==> flow/design.v <==
module core_mag_cmp_v2 #(
  parameter integer W = 16
) (
  input  wire clk,
  input  wire valid,
  input  wire signed [W-1:0] rs1_in,
  input  wire signed [W-1:0] rs2_in,
  output wire a_lt_b_out,
  output wire match_out,
  output wire a_gt_b_out
);
  reg signed [W-1:0] rs1_d1;
  reg signed [W-1:0] rs2_d1;
  always @(posedge clk) begin
    if (valid) begin
      rs1_d1 <= rs1_in;
      rs2_d1 <= rs2_in;
    end
  end
  assign a_lt_b_out = (rs1_d1 < rs2_d1);
  assign match_out = (rs1_d1 == rs2_d1);
  assign a_gt_b_out = (rs1_d1 > rs2_d1);
endmodule
# Step by step through the tools: core_mag_cmp_v2
# Tool output for the design above, in the order of the flow.
# Lines are those of the file above, counted from 1.
# Operators carry their Yosys type and port widths (W data, S select, Z words).
# Library cell names are shortened.
# Not given: -
# setup
top_module	core_mag_cmp_v2
clock_port	clk
cell_library	sky130hd
lib_corner	tt_025C_1v80

# Elaborated design
# Yosys after proc, flatten, opt, wreduce and memory -nomap, before mapping. Enables and synchronous resets that opt folds into registers are not counted as muxes. Memory bits, and registers merged into a memory's read port (data or address), are not among the register bits. Print and check cells are not counted. Equal cells are merged and count once.
# word_totals
regBits	32
in_bits	34
out_inout_bits	3
wordCells	5
# op_classes
cmp	2
eq_ne	1
# ops
op	count
$gt A16 B16 Y1	1
$lt A16 B16 Y1	1
$eq A16 B16 Y1	1

# Depth
# Longest topological path by Yosys (ltp), each cell counted once; first at word level (registers and memories cut), then after technology mapping (sequential cells cut; the memories' decode and read muxes count).
# logic_depth
depth_word	1
abc_area	0
depth_mapped	7
depth_no_buf	7

# After synthesis
# Yosys stat after the flow's synthesis: flattened, memories mapped to cells. It holds for the ABC_AREA given above (unset counts as 0); a run with the other value may have another netlist.
# types
cell_type	count
edfxtp_1	32
ha_1	16
inv_1	18
nand2_1	8
a21oi_1	5
mux2i_1	2
a21o_1	2
nand4_2	1
a2111oi_0	1
a211o_1	1
nand3b_1	1
nor2_1	2
nand4_1	1
nor4_1	1
or3_1	1
nand3_1	1
nor3_1	1
o21ai_0	1
# mapped
stdcells	95
mapped_area_um2	1397.6
seqArea_um2	960.9
ffs	32

# Timing after synthesis
# OpenSTA on the mapped netlist: ideal clock, no wires. The path of least setup slack (recovery checks aside). Input and output delay are each 20% of the period. Register names are those of the netlist, which keeps one name where synthesis merged equal registers.
# synth_path
path_kind	reg-to-output
from	reg rs1_d1[15]
to	out a_gt_b_out
tclk_ps	2720
arrival_time_ps	1739
slack_ps	437
delay_ps	1739
path_stages	7
n_path_buf	0
synth_period_reached_ps	2283
# "delay_ps" = arrival - input delay + setup time.
# At an output port there is no setup time.
# "path_stages" counts driving pins, that of a launching flip-flop among them; a cell with two outputs on the path counts twice.
# "synth_period_reached_ps" is the clock period less the worst setup slack; recovery checks do not enter. This is arithmetic on one report: input and output delays are still those of the set period (20% each).
# The rows between start and end are the longest chain of elaborated cells between them; the timing report does not say that the signal goes this way. Where chains are equally long, one stands for them.
# Each line given opens the expression or statement behind the cell; cells for indexed reads and writes are added by Yosys, which also makes memories of some case tables.
# synth_via
path_cell_list	edfxtp_1 > ha_1 > nand4_2 > nor2_1 > or3_1 > a211o_1 > mux2i_1
elab_chain_cells	1
cells_between	1
cone_lines	1
classes_between	compare (1)
# synth_lines
element	line_no	source
from (decl)	12	reg signed [W-1:0] rs1_d1;
from (assign)	16	rs1_d1 <= rs1_in;
$gt A16 B16 Y1	22	assign a_gt_b_out = (rs1_d1 > rs2_d1);
to (decl)	10	output wire a_gt_b_out

# Worst path after layout
# Path of least setup slack in the final report of run 1 (OpenROAD, finished layout, wires in). Where an end is a register, its clock arrival counts in the times.
# The report prints the path's times to 10 ps; the period is as set.
# layout_path
path_kind	reg-to-output
from	reg rs1_d1[13]
to	out a_lt_b_out
tclk_ps	2720
arrival_time_ps	2230
slack_ps	-50
path_stages	9
n_path_buf	3
# The rows between start and end are the longest chain of elaborated cells between them; the timing report does not say that the signal goes this way. Where chains are equally long, one stands for them.
# layout_via
path_cell_list	edfxtp_1 > ha_4 > nand4_4 > nor4_4 > buf_4 > a211o_1 > buf_4 > mux2i_1 > buf_2
elab_chain_cells	1
cells_between	1
cone_lines	1
classes_between	compare (1)
# layout_lines
element	line_no	source
from (decl)	12	reg signed [W-1:0] rs1_d1;
from (assign)	16	rs1_d1 <= rs1_in;
$lt A16 B16 Y1	20	assign a_lt_b_out = (rs1_d1 < rs2_d1);
to (decl)	8	output wire a_lt_b_out,

# Measured results for core_mag_cmp_v2: 3 stored runs of the Yosys and OpenROAD flow on sky130hd. The settings differ; the order carries no meaning. The constraints put input and output delay at 20% of the set period each and load the outputs with 0.01 pF.
# "clock_period_reached_ps" = clock period - worst setup slack. The figure is calculated, with input and output delays left at 20% of the set period.
# By "critical_path_time_ps" is meant the share of the clock period that the worst setup path is allowed (20% is reserved at inputs, 20% at outputs), minus its slack. Clock arrival times at its registers enter into it.
# By "totalPower_mw" is meant OpenSTA's value without simulated activity: inputs other than the clock are taken to toggle once in ten clock periods, and the tool carries that through the logic.
# "critical_path_time_ps" is known to 10 ps.
# Settings: - = not set for that run.
setting or result,run 1,run 2,run 3
period_ns,2.72,1.78,1.69
CAP_MARGIN,20,20,30
CORE_MARGIN,2,2,2
CORE_UTILIZATION,40,20,59
SLEW_MARGIN,20,20,20
SETUP_SLACK_MARGIN,-,0.07,0.43
PLACE_DENSITY_LB_ADDON,-,0.03,-
HOLD_SLACK_MARGIN,-,0.24,-
CORE_ASPECT_RATIO,-,0.53,-
ABC_AREA,-,0,-
GPL_TIMING_DRIVEN,-,0,-
CTS_CLUSTER_DIAMETER,-,143,-
MIN_ROUTING_LAYER,-,met1,-
PLACE_DENSITY,-,-,0.62
CELL_PAD_IN_SITES_DETAIL_PLACEMENT,-,-,0
TNS_END_PERCENT,-,-,20
GPL_ROUTABILITY_DRIVEN,-,-,0
yosys.chip_area_um2,1397.6,1397.6,1397.6
layout_utilization_pct,60.6,32.6,90.7
holdWs_ps,765,546,541
tns_ps,-52,-1747,-2679
timing.setup.ws_ps,-52,-685,-943
clock_period_reached_ps,2772,2465,2633
critical_path_time_ps,2230,2110,2290
worst_path_kind,reg-to-output,reg-to-output,reg-to-output
totalPower_mw,1.035,2.180,1.792
design.die.area_um2,3982.9,7706.4,2774.1
final_stdcell_area_um2,2020.7,2224.6,2025.7
